==> flow/design.v <==
module core_as_core #(
   parameter int DW = 7
) (
   input  logic clock,
   input  logic [DW-1:0] dataa,
   input  logic [DW-1:0] datab,
   output logic [DW-1:0] diff
);
   logic [DW-1:0] r_dataa;
   logic [DW-1:0] r_datab;
   always_ff @(posedge clock) begin
      r_dataa <= dataa;
      r_datab <= datab;
      diff <= (r_dataa > r_datab) ? r_dataa - r_datab : r_datab - r_dataa;
   end
endmodule
Subject: tool reports on core_as_core

Hi,

Reports on core_as_core
A sweep over "DW": the same steps for each member of the family.
The file above is the member DW 7. Line numbers count from 1 in each member's own file.
Library cell names are shortened.
{ "inputs": {"top_module": "core_as_core", "clk_port": "clock", "lib": "sky130hd", "corner": "tt_025C_1v80"} }

Members of the sweep
New or changed lines of each further member against the RTL above, in its own file; lines it lacks are not shown.
{ "changed_lines": {"columns": ["DW", "line_no", "source"], "rows": [
  [8, 2, "parameter int DW = 8"],
  [18, 2, "parameter int DW = 18"],
  [48, 2, "parameter int DW = 48"],
  [128, 2, "parameter int DW = 128"]
]} }

Elaborated design
Source: Yosys, flattened and elaborated, memories not mapped. Widths are those after wreduce; folded enables and synchronous resets count as part of the registers. Registers that Yosys merges into a memory's read port (data or address) are not register bits. Print and check cells do not count. Equal cells are merged and count once.
{ "classes": {"columns": ["DW", "muxes", "compare", "add_sub_neg"], "rows": [
  [7, 1, 1, 2],
  [8, 1, 1, 2],
  [18, 1, 1, 2],
  [48, 1, 1, 2],
  [128, 1, 1, 2]
]} }
{ "op_table": {"columns": ["DW", "op_list"], "rows": [
  [7, "subtractor 7 bit: 2; > comparator 7 bit: 1; 2-to-1 mux 7 bit: 1"],
  [8, "subtractor 8 bit: 2; > comparator 8 bit: 1; 2-to-1 mux 8 bit: 1"],
  [18, "subtractor 18 bit: 2; > comparator 18 bit: 1; 2-to-1 mux 18 bit: 1"],
  [48, "subtractor 48 bit: 2; > comparator 48 bit: 1; 2-to-1 mux 48 bit: 1"],
  [128, "subtractor 128 bit: 2; > comparator 128 bit: 1; 2-to-1 mux 128 bit: 1"]
]} }
{ "bits": {"columns": ["DW", "output_inout_bits", "elab_cells", "regBits", "inputBits"], "rows": [
  [7, 7, 7, 21, 15],
  [8, 8, 7, 24, 17],
  [18, 18, 7, 54, 37],
  [48, 48, 7, 144, 97],
  [128, 128, 7, 384, 257]
]} }

Depth
Yosys ltp: most cells in a row. Word level: on the elaborated netlist, between registers, memories and ports. Mapped: between sequential cells and ports; inverters and the memories' decode and read muxes count.
{ "logic_depth": {"columns": ["DW", "word_depth", "ABC_AREA", "mapped_depth", "mapped_depth_nobuf"], "rows": [
  [7, 2, 0, 9, 8],
  [8, 2, 0, 9, 8],
  [18, 2, 0, 12, 11],
  [48, 2, 0, 14, 13],
  [128, 2, 0, 17, 14]
]} }

Mapped cells and area
The flow's flattened synthesis, as Yosys stat reports it; memories are mapped. The netlist is that of the ABC_AREA named above (0 if unset); the other value can give another one.
The area totals of this step are shown rounded.
{ "mapped": {"columns": ["DW", "synth_area_um2", "ff_cells", "seq_area_um2", "cell_count", "buf_cells"], "rows": [
  [7, 1100, 21, 420, 117, 4],
  [8, 1200, 24, 480, 111, 5],
  [18, 2900, 54, 1100, 308, 12],
  [48, 8800, 144, 2900, 1047, 46],
  [128, 25000, 384, 7700, 3195, 146]
]} }
{ "types": {"columns": ["DW", "cell_types"], "rows": [
  [7, "dfxtp_1: 21; ha_1: 13; inv_1: 14; fa_1: 2; a21oi_1: 7; nor3_1: 7; nor4b_2: 2; a21o_1: 3; a22oi_1: 3; buf_6: 2; nand2_1: 6; nand3b_1: 3; o21a_1: 3; nor2b_1: 3; o21ba_4: 1; o311ai_2: 1; o21ai_0: 3; nand2b_1: 2; [+21]"],
  [8, "dfxtp_1: 24; ha_1: 15; mux2i_1: 7; inv_1: 16; fa_1: 2; xor2_1: 4; o21ai_0: 6; a21oi_1: 5; a31oi_1: 4; buf_6: 2; a21o_2: 2; a311oi_1: 2; xnor2_1: 2; a211oi_1: 2; a21o_1: 2; buf_2: 3; nand2_1: 4; a211oi_2: 1; [+8]"],
  [18, "dfxtp_1: 54; ha_1: 35; inv_1: 47; xnor2_1: 11; a21oi_1: 19; mux2i_1: 8; a21o_1: 10; nor2_1: 15; nand2_1: 14; o21ai_0: 9; xor2_1: 5; fa_1: 2; buf_6: 3; a21oi_4: 2; nand4_1: 5; buf_2: 6; o211ai_1: 4; o21a_1: 4; [+55]"],
  [48, "dfxtp_1: 144; ha_1: 95; a21oi_1: 122; inv_1: 119; a21o_1: 51; o21ai_0: 56; xnor2_1: 32; nor2_1: 70; nand2_1: 68; o21bai_1: 22; buf_2: 28; nand4_1: 18; o21a_1: 14; xor2_1: 12; mux2i_1: 10; o31ai_1: 10; a211oi_1: 8; buf_4: 8; [+160]"],
  [128, "dfxtp_1: 384; ha_1: 255; a21oi_1: 416; o21ai_0: 277; inv_1: 308; nand2_1: 254; nor2_1: 219; a21o_1: 104; o21bai_1: 89; xnor2_1: 76; nand4_1: 90; buf_2: 85; xor2_1: 44; mux2i_1: 34; o211ai_1: 39; o21a_1: 36; nor3_1: 46; clkbuf_1: 47; [+392]"]
]} }
A list marked [+n] leaves out that many cells.

Worst setup path after synthesis
Source: OpenSTA report_checks on the synthesized netlist (no wires, ideal clock, input and output delay 20% of the period each), path of least setup slack; recovery checks are left aside. Register names are those of the netlist, which keeps one name where synthesis merged equal registers.
{ "synth_path": {"columns": ["DW", "path_type", "from", "to", "clock_period_ns", "stages", "setup_slack_ns", "path_delay_ns", "period_less_setup_slack_ns"], "rows": [
  [7, "reg2reg", "reg r_dataa[1]", "reg diff[3]", 2.42, 8, 0.485, 1.935, 1.935],
  [8, "reg2reg", "reg r_dataa[0]", "reg diff[6]", 2.39, 10, 0.479, 1.912, 1.911],
  [18, "reg2reg", "reg r_dataa[0]", "reg diff[15]", 2.92, 12, 0.584, 2.336, 2.336],
  [48, "reg2reg", "reg r_dataa[0]", "reg diff[46]", 3.8, 14, 0.761, 3.039, 3.039],
  [128, "reg2reg", "reg r_datab[0]", "reg diff[118]", 4.1, 15, 0.819, 3.280, 3.281]
]} }
"path_delay_ns" = arrival - input delay + setup time.
"stages" counts driving pins, that of a launching flip-flop among them; a cell with two outputs on the path counts twice.
"period_less_setup_slack_ns" is the clock period less the worst setup slack; recovery checks do not enter. This is arithmetic on one report: input and output delays are still those of the set period (20% each).
The rows between start and end are the longest chain of elaborated cells between them; the timing report does not say that the signal goes this way. Where chains are equally long, one stands for them.
A line is the first line of the expression or statement that the cell stems from. Yosys adds cells for indexed reads and writes and turns some case tables into memories.
{ "synth_via_DW_7": {"elab_chain_len": 2} }
{ "synth_lines_DW_7": {"columns": ["element", "line_no", "source"], "rows": [
  ["start, declared", 9, "logic [DW-1:0] r_dataa;"],
  ["start, assigned", 12, "r_dataa <= dataa;"],
  ["subtractor 7 bit", 14, "diff <= (r_dataa > r_datab) ? r_dataa - r_datab : r_datab - r_dataa;"],
  ["2-to-1 mux 7 bit", 14, null],
  ["end, assigned", 14, null],
  ["end, declared", 7, "output logic [DW-1:0] diff"]
]} }
{ "synth_via_DW_128": {"elab_chain_len": 2} }
{ "synth_lines_DW_128": {"columns": ["element", "line_no", "source"], "rows": [
  ["start, declared", 10, "logic [DW-1:0] r_datab;"],
  ["start, assigned", 13, "r_datab <= datab;"],
  ["subtractor 128 bit", 14, "diff <= (r_dataa > r_datab) ? r_dataa - r_datab : r_datab - r_dataa;"],
  ["2-to-1 mux 128 bit", 14, null],
  ["end, assigned", 14, null],
  ["end, declared", 7, "output logic [DW-1:0] diff"]
]} }

Timing after layout
From the final timing report of the run of each member: the path of least setup slack in the routed layout; clock arrival at registers is part of the times.
{ "layout_path": {"columns": ["DW", "path_type", "from", "to", "stages", "clock_period_ns", "setup_slack_ns", "arrival_time_ns", "path_buffers"], "rows": [
  [7, "reg2reg", "reg r_dataa[2]", "reg diff[2]", 8, 2.42, 0.29, 2.33, 0],
  [8, "reg2reg", "reg r_dataa[0]", "reg diff[6]", 9, 2.39, 0.17, 2.47, 0],
  [18, "reg2reg", "reg r_dataa[0]", "reg diff[9]", 13, 2.92, 0.26, 2.88, 1],
  [48, "reg2reg", "reg r_dataa[10]", "reg diff[22]", 14, 3.8, 0.21, 3.93, 1],
  [128, "reg2reg", "reg r_dataa[79]", "reg diff[127]", 15, 4.1, -0.02, 4.62, 1]
]} }

Layout results
One run of the flow (Yosys, OpenROAD) for each member, with settings and measured results. Input and output delays are each 20% of the period that was set; the output load is 0.01 pF.
{ "flow_settings": {"CAP_MARGIN": 20, "CORE_MARGIN": 2, "CORE_UTILIZATION": 40, "SLEW_MARGIN": 20} }
{ "settings_diff": {"columns": ["DW", "period_ns"], "rows": [
  [7, 2.42],
  [8, 2.39],
  [18, 2.92],
  [48, 3.8],
  [128, 4.1]
]} }
{ "measured": {"columns": ["DW", "fin_power_w", "synth_area_um2", "utilization_frac", "total_die_area_um2", "timing.setup.ws_ns", "hold_ws_ns", "period_reached_ns", "cell_area_final_um2", "setup_tns_ns"], "rows": [
  [7, 0.00081, 1100, 0.5, 3300, 0.29, 0.57, 2.133, 1400, 0.000],
  [8, 0.0009, 1200, 0.51, 3300, 0.17, 0.58, 2.224, 1400, 0.000],
  [18, 0.0019, 2900, 0.5, 8000, 0.26, 0.58, 2.658, 3600, 0.000],
  [48, 0.0051, 8800, 0.51, 23000, 0.21, 0.62, 3.589, 11000, 0.000],
  [128, 0.014, 25000, 0.53, 65000, -0.017, 0.63, 4.117, 33000, -0.017]
]} }
"period_reached_ns" is the run's clock period less its worst setup slack. It is reckoned from that one timing run; input and output delays stay at 20% of the period that was set.
"fin_power_w": no workload was simulated; the value follows from the tool's default switching activity.
The measured numbers are rounded.

Regards
